==> flow/design.v <==
module subtractor_rtl #(
    parameter integer W = 10
) (
    input  wire clk,
    input  wire resetn,
    input  wire signed [W-1:0] A,
    input  wire signed [W-1:0] B,
    input  wire minus,
    output reg [W-1:0] d,
    output reg co
);
    wire [W-1:0] aux;
    assign aux = B ^ {W{minus}};
    wire [W-1:0] r;
    assign r = $unsigned(A) + aux + minus;
    always @(posedge clk or negedge resetn) begin
        if (!resetn) begin
            d <= 0;
            co <= 1'b0;
        end else begin
            d <= r[W-1:0];
            co <= (A[W-1] == aux[W-1]) && (r[W-1] != A[W-1]);
        end
    end
endmodule
### Reports on subtractor_rtl

Tool output for the design above, in the order of the flow.
Line numbers count from 1 in the design file above.
Operators: Yosys type, input widths -> output width; for muxes data width and select width s.
Cell names lack the library's common part.
A cell with - has no value.

| inputs | value |
|---|---|
| top | subtractor_rtl |
| clock input | clk |
| cell library | sky130hd |
| corner | tt_025C_1v80 |

### After elaboration

Yosys after proc, flatten, opt, wreduce and memory -nomap, before mapping. Enables and synchronous resets that opt folds into registers are not counted as muxes. Memory bits, and registers merged into a memory's read port (data or address), are not among the register bits. Print and check cells are not counted. Equal cells are merged and count once.

| storage and ports | value |
|---|---|
| register bits after elaboration | 11 |
| output and inout bits | 11 |
| word-level cells | 8 |
| bits of input ports | 23 |

| cells by class | value |
|---|---|
| bitwise logic cells | 1 |
| add/sub/neg operators | 2 |
| eq/ne operators | 2 |
| reduce/logical cells | 1 |

Operators by type and width:

| operator | count |
|---|---|
| $add 10x1->10 | 1 |
| $add 10x10->10 | 1 |
| $xor 10x10->10 | 1 |
| $eq 1x1->1 | 1 |
| $ne 1x1->1 | 1 |
| $logic_and 1x1->1 | 1 |

### Depth

Yosys ltp: most cells in a row. Word level: on the elaborated netlist, between registers, memories and ports. Mapped: between sequential cells and ports; inverters and the memories' decode and read muxes count.

| depth | value |
|---|---|
| depth after elaboration | 5 |
| ABC_AREA | 0 |
| depth in mapped cells | 9 |
| gate-level depth less buffers | 8 |

### Netlist

The flow's flattened synthesis, as Yosys stat reports it; memories are mapped. The netlist is that of the ABC_AREA named above (0 if unset); the other value can give another one.
Totals and module areas in this step are rounded.

Cell types:

| cell type | count | area in all (um^2) |
|---|---|---|
| dfrtp_1 | 11 | 275.264 |
| ha_1 | 8 | 100.096 |
| xor2_1 | 10 | 87.584 |
| xnor2_1 | 8 | 70.067 |
| nor2_1 | 7 | 26.275 |
| a21oi_1 | 5 | 25.024 |
| fa_1 | 1 | 20.019 |
| o21ai_0 | 4 | 20.019 |
| inv_1 | 5 | 18.768 |
| nor2b_1 | 3 | 18.768 |
| o32ai_2 | 1 | 16.266 |
| o41ai_2 | 1 | 16.266 |
| nand2_1 | 4 | 15.014 |
| mux2i_2 | 1 | 13.763 |
| o22ai_1 | 2 | 12.512 |
| buf_6 | 1 | 11.261 |
| a211oi_1 | 1 | 7.507 |
| a21o_1 | 1 | 7.507 |

Not listed: further types 5, cells in them 5.

| mapped netlist | value |
|---|---|
| buffer cells | 1 |
| sequential part of the area | 275.3 um^2 |
| standard cells after synthesis | 79 |
| chip area (Yosys) | 793.3 um^2 |
| mapped flip-flops | 11 |

### Path before layout

OpenSTA on the mapped netlist: ideal clock, no wires. The path of least setup slack (recovery checks aside). Input and output delay are each 20% of the period. Register names are those of the netlist, which keeps one name where synthesis merged equal registers.

| timing path post-synthesis | value |
|---|---|
| kind | input to register |
| from | in minus |
| to | reg d[7] |
| time at the first pin | 0.476 ns |
| delay of the path | 1.526 ns |
| stages | 8 |
| setup slack | 0.379 ns |
| library setup time | 0.080 ns |
| arrival | 1.922 ns |
| required time | 2.300 ns |
| buffers on the path | 1 |
| clock period | 2.38 ns |
| input delay | 0.476 ns |
| period reached after synthesis | 2.001 ns |

"delay of the path" is the arrival time less input delay plus setup time.
"stages": output pins that drive a net of the path, with the launching flip-flop's if there is one; two outputs of one cell count as two.
"period reached after synthesis" = period - worst setup slack (recovery checks aside). The figure is calculated, with input and output delays left at 20% of the set period.
Between the ends stands the longest chain of elaborated cells between them, by number of cells; it is not shown to be the way that was timed. Of several equally long chains one is given.
A line is the first line of the expression or statement that the cell stems from. Yosys adds cells for indexed reads and writes and turns some case tables into memories.

| between the ends, post-synthesis | value |
|---|---|
| cell sequence | buf_6 xor2_1 ha_1 a21oi_1 o32ai_2 o21a_1 o41ai_2 xnor2_1 |
| cells in the longest elaborated chain | 3 |
| elaborated cells between the ends (all ways) | 3 |
| RTL lines with such cells | 2 |
| those cells by class | add/sub (2); logic (1) |

Ends and longest elaborated chain, post-synthesis:

| item | RTL line | RTL |
|---|---|---|
| from (decl) | 8 | `input  wire minus,` |
| $xor 10x10->10 | 13 | `assign aux = B ^ {W{minus}};` |
| $add 10x10->10 | 15 | `assign r = $unsigned(A) + aux + minus;` |
| $add 10x1->10 | 15 |  |
| to (assign) | 18 | `d <= 0;` |
| to (assign) | 21 | `d <= r[W-1:0];` |
| to (decl) | 9 | `output reg [W-1:0] d,` |

### Timing after layout

Path of least setup slack in the final report of run A (OpenROAD, finished layout, wires in). Where an end is a register, its clock arrival counts in the times.

| timing path after layout | value |
|---|---|
| kind | input to register |
| from | in minus |
| to | reg d[8] |
| stages | 9 |
| arrival | 2.76 ns |
| time at the first pin | 0.64 ns |
| buffers on the path | 1 |
| clock period | 3.2 ns |
| input delay | 0.64 ns |
| library setup time | 0.12 ns |
| required time | 3.31 ns |
| setup slack | 0.55 ns |

Between the ends stands the longest chain of elaborated cells between them, by number of cells; it is not shown to be the way that was timed. Of several equally long chains one is given.

| between the ends, after layout | value |
|---|---|
| cell sequence | clkdlybuf4s50_1 xor2_1 inv_1 fa_1 nor2b_1 o21ai_0 a21oi_1 o22ai_1 xnor2_1 |
| cells in the longest elaborated chain | 3 |
| elaborated cells between the ends (all ways) | 3 |
| RTL lines with such cells | 2 |
| those cells by class | add/sub (2); logic (1) |

Ends and longest elaborated chain, after layout:

| item | RTL line | RTL |
|---|---|---|
| from (decl) | 8 | `input  wire minus,` |
| $xor 10x10->10 | 13 | `assign aux = B ^ {W{minus}};` |
| $add 10x10->10 | 15 | `assign r = $unsigned(A) + aux + minus;` |
| $add 10x1->10 | 15 |  |
| to (assign) | 18 | `d <= 0;` |
| to (assign) | 21 | `d <= r[W-1:0];` |
| to (decl) | 9 | `output reg [W-1:0] d,` |

Subject: flow runs of subtractor_rtl

Hi,

Stored flow runs of subtractor_rtl (3 of them; Yosys, OpenROAD, sky130hd). They differ in their settings and are not a sequence. Constraints: input delay and output delay 20% of the set period each, output load 0.01 pF.
"reached clock period": clock period set for the run, less the worst setup slack. It is reckoned from that one timing run; input and output delays stay at 20% of the period that was set.
"time of the worst setup path" = time allowed to the worst setup path (clock period - input delay - output delay, where it has them) - its slack; a late launch clock adds to it, a late capture clock takes from it.
"power consumption" rests on the timing tool's default activity at the inputs, not on a simulated workload.
Measured values are rounded.
A setting shown as . is not set for that run.

| run name | period_ns | CORE_UTILIZATION | SETUP_SLACK_MARGIN | PLACE_DENSITY_LB_ADDON | HOLD_SLACK_MARGIN | CORE_ASPECT_RATIO | GPL_ROUTABILITY_DRIVEN | CTS_CLUSTER_SIZE | CTS_CLUSTER_DIAMETER | CAP_MARGIN | SLEW_MARGIN | MIN_ROUTING_LAYER | MAX_ROUTING_LAYER | CORE_MARGIN | PLACE_DENSITY | CELL_PAD_IN_SITES_GLOBAL_PLACEMENT | TNS_END_PERCENT | GPL_TIMING_DRIVEN | standard-cell area of the final layout (um^2) | power consumption (mW) | time of the worst setup path (ns) | worst path kind | sum of negative setup slack (ns) | netlist area reported by Yosys (um^2) | smallest setup slack (ns) | reached clock period (ns) | area inside the die boundary (um^2) |
|---|---|---|---|---|---|---|---|---|---|---|---|---|---|---|---|---|---|---|---|---|---|---|---|---|---|---|---|
| run A | 3.2 | 22 | 0.07 | 0.03 | 0.29 | 1.64 | 1 | 67 | 242 | 5 | 25 | met2 | met5 | 2 | . | . | . | . | 1221 | 0.5833 | 2.01 | input to register | 0.000 | 793.3 | 0.549 | 2.651 | 4117 |
| run B | 2.38 | 40 | . | . | . | . | . | . | . | 20 | 20 | . | . | 2 | . | . | . | . | 1295 | 0.7657 | 1.78 | input to register | 0.000 | 793.3 | 0.127 | 2.253 | 2355 |
| run C | 1.23 | 16 | -0.07 | . | . | 1.55 | 0 | 83 | . | 10 | 20 | . | met4 | 3 | 0.84 | 1 | 90 | 0 | 1510 | 1.640 | 1.28 | input to register | -1.613 | 793.3 | -0.296 | 1.526 | 5859 |

Regards
